==> flow/design.v <==
module sync_reg_bank #(
   parameter D = 16,
   parameter W = 4,
   parameter RPORTS = 4,
   parameter ADDR_WIDTH = $clog2(D)
) (
   input logic clk_i,
   input logic write,
   input logic [ADDR_WIDTH-1:0] wa,
   input logic [W-1:0] wd,
   input logic [RPORTS*ADDR_WIDTH-1:0] rd_idx,
   output logic [RPORTS*W-1:0] read_data
);
   logic r_write;
   logic [ADDR_WIDTH-1:0] r_wa;
   logic [W-1:0] r_wd;
   always_ff @(posedge clk_i) begin
      r_write <= write;
      r_wa <= wa;
      r_wd <= wd;
   end
   logic [W-1:0] array [0:D-1];
   always_ff @(posedge clk_i) begin
      if (r_write)
         array[r_wa] <= r_wd;
   end
   logic [RPORTS*ADDR_WIDTH-1:0] r_rd_idx;
   always_ff @(posedge clk_i)
      r_rd_idx <= rd_idx;
   logic [RPORTS*W-1:0] tmp;
   generate
      for (genvar gj = 0; gj < RPORTS; gj++) begin : each
         assign tmp[gj*W +: W] = array[r_rd_idx[gj*ADDR_WIDTH +: ADDR_WIDTH]];
      end
   endgenerate
   always_ff @(posedge clk_i)
      read_data <= tmp;
endmodule
Tool chain data of sync_reg_bank --
Tool output for the design above, in the order of the flow. Line numbers count from 1 in the design file above. Operators: Yosys type, input widths -> output width; for muxes data width and select width s. Library cell names are shortened. The mark - stands for no value.
Set-up: design top sync_reg_bank, clock port clk_i, standard-cell library sky130hd, library corner tt_025C_1v80

After elaboration --
Counts by Yosys on the flattened word-level netlist (proc, flatten, opt, wreduce; memories kept). Register bits leave out memories and registers merged into their read ports (data or address); mux counts leave out enables and synchronous resets folded into registers. Print and check cells are left out. Cells with the same type and inputs are merged into one. Memory sizes are those after Yosys's memory passes, which may raise the word count (mostly to a power of two), join words into wider ones and drop unused or constant bits.
Bit counts: flip-flop bits (word level) 25, RAM bits 64, clocked read ports x word width 16, memory cells 1, input port bits 26, cells after elaboration 8
Cells by class: multiplexer cells 3
Memory list:
- array | words 16, width 4, rd ports 4, wr ports 1, RTL line 22 | logic [W-1:0] array [0:D-1];
Operators with widths (number):
- $mux 4 | 2
- $mux 1 | 1

Depth --
Depth = most cells in a row (Yosys ltp): at word level without a register or memory, in the mapped netlist without a sequential cell, where the memories' decode and read muxes count.
Depth: depth in word-level cells 1, ABC_AREA 0, depth in mapped cells 5, gate-level depth less buffers 3

Mapped cells and area --
The flow's flattened synthesis, as Yosys stat reports it; memories are mapped. The netlist is that of the ABC_AREA named above (0 if unset); the other value can give another one. The area totals of this step are shown rounded.
Cell types (number):
- edfxtp_1 | 64
- mux4_1 | 56
- dfxtp_1 | 41
- mux4_2 | 8
- nand3_1 | 33
- a22oi_1 | 16
- buf_12 | 4
- nand2_1 | 17
- nor2_1 | 16
- nor2b_1 | 8
- buf_6 | 4
- buf_2 | 4
- nor3_1 | 4
- clkbuf_1 | 4
- nand3b_1 | 2
- nand2b_1 | 2
- or3b_2 | 1
Synthesis totals: cells in the netlist 284, mapped area 5100 um^2, sequential part of the area 2700 um^2, flip-flops 105, buffer cells 16

Timing after synthesis --
Path of least setup slack by OpenSTA after synthesis, without wires, with an ideal clock, recovery checks aside; 20% of the period is set as input and as output delay. Where synthesis merged equal registers, the netlist keeps one of their names.
Path post-synthesis: path type register to register, start point register r_write, end point memory array[0][0], period 1.91 ns, library setup time 0.361 ns, data arrival time 1.163 ns, required time 1.549 ns, path slack 0.385 ns, path delay 1.524 ns, stages 3, synthesis period reached 1.525 ns
"path delay" = arrival - input delay + setup time. "stages" counts driving pins, that of a launching flip-flop among them; a cell with two outputs on the path counts twice. "synthesis period reached" is the clock period less the worst setup slack; recovery checks do not enter. This is arithmetic on one report: input and output delays are still those of the set period (20% each). Between the ends stands the longest chain of elaborated cells between them, by number of cells; it is not shown to be the way that was timed. Of several equally long chains one is given. A line is the first line of the expression or statement that the cell stems from. Yosys adds cells for indexed reads and writes and turns some case tables into memories. The path ends at the enable pin of a flip-flop; only ways to that pin are counted.
On the way, post-synthesis: cell sequence dfxtp_1 > or3b_2 > nor3_1, cells in the longest elaborated chain 1, elaborated cells between the ends (all ways) 2
Ends and longest elaborated chain, post-synthesis:
- start: declaration | RTL line 14 | logic r_write;
- start: assignment | RTL line 18 | r_write <= write;
- $mux 4 | RTL line 24 | if (r_write)
- end: declaration | RTL line 22 | logic [W-1:0] array [0:D-1];

Worst path after layout --
Path of least setup slack in the final report of run A (OpenROAD, finished layout, wires in). Where an end is a register, its clock arrival counts in the times.
Path after layout: path type register to register, start point register r_rd_idx[8], end point register read_data[10], period 1.91 ns, library setup time 0.12 ns, data arrival time 2.00 ns, required time 2.15 ns, path slack 0.15 ns, stages 5
On the way, after layout: cell sequence dfxtp_1 > buf_4 > mux4_1 > nand3_1 > nand3_1
Ends and longest elaborated chain, after layout:
- start: declaration | RTL line 27 | logic [RPORTS*ADDR_WIDTH-1:0] r_rd_idx;
- start: assignment | RTL line 29 | r_rd_idx <= rd_idx;
- end: declaration | RTL line 12 | output logic [RPORTS*W-1:0] read_data
No chain of elaborated cells between the ends is given.

Memo
Re: implementation data of sync_reg_bank

Top module sync_reg_bank; platform sky130hd; tools Yosys and OpenROAD; 3 stored runs in no particular order. Input and output delays are each 20% of the period that was set; the output load is 0.01 pF.
"achieved clock period" means the clock period less the worst setup slack. The figure is calculated, with input and output delays left at 20% of the set period.
"time used up by the worst setup path" means the part of the period allowed to the worst setup path (the constraints hold back 20% at inputs and 20% at outputs) less its slack; where the path has registers, the arrival times of their clocks count too.
"power consumption" is the tool's figure for a default switching activity; nothing was simulated.
Results are given in rounded form.

* Run A | settings: period_ns 1.91; CAP_MARGIN 20; CORE_MARGIN 2; CORE_UTILIZATION 40; SLEW_MARGIN 20 | results: setup TNS 0.000 ns; setup slack of the worst path 0.15 ns; netlist area reported by Yosys 5100 um^2; achieved clock period 1.759 ns; standard-cell area after layout 6000 um^2; utilization of the finished layout 0.48; die outline area 14000 um^2; power consumption 4800 uW; time used up by the worst setup path 1.76 ns; class of the worst setup path register to register
* Run B | settings: period_ns 1.55; CORE_UTILIZATION 36; SETUP_SLACK_MARGIN 0.24; PLACE_DENSITY_LB_ADDON 0.17; CORE_ASPECT_RATIO 0.69; CELL_PAD_IN_SITES_GLOBAL_PLACEMENT 2; ABC_AREA 1; MIN_ROUTING_LAYER met1; MAX_ROUTING_LAYER met4; CAP_MARGIN 20; CORE_MARGIN 2; SLEW_MARGIN 20 | results: setup TNS 0.000 ns; setup slack of the worst path 0.27 ns; netlist area reported by Yosys 5700 um^2; achieved clock period 1.283 ns; standard-cell area after layout 6600 um^2; utilization of the finished layout 0.42; die outline area 17000 um^2; power consumption 6700 uW; time used up by the worst setup path 0.97 ns; class of the worst setup path register to output
* Run C | settings: period_ns 2.06; CORE_UTILIZATION 15; PLACE_DENSITY_LB_ADDON 0.28; HOLD_SLACK_MARGIN 0.01; TNS_END_PERCENT 45; CTS_CLUSTER_DIAMETER 28; CAP_MARGIN 0; SLEW_MARGIN 35; MIN_ROUTING_LAYER met2; CORE_MARGIN 2 | results: setup TNS 0.000 ns; setup slack of the worst path 0.11 ns; netlist area reported by Yosys 5100 um^2; achieved clock period 1.948 ns; standard-cell area after layout 6300 um^2; utilization of the finished layout 0.19; die outline area 35000 um^2; power consumption 4900 uW; time used up by the worst setup path 1.95 ns; class of the worst setup path register to register
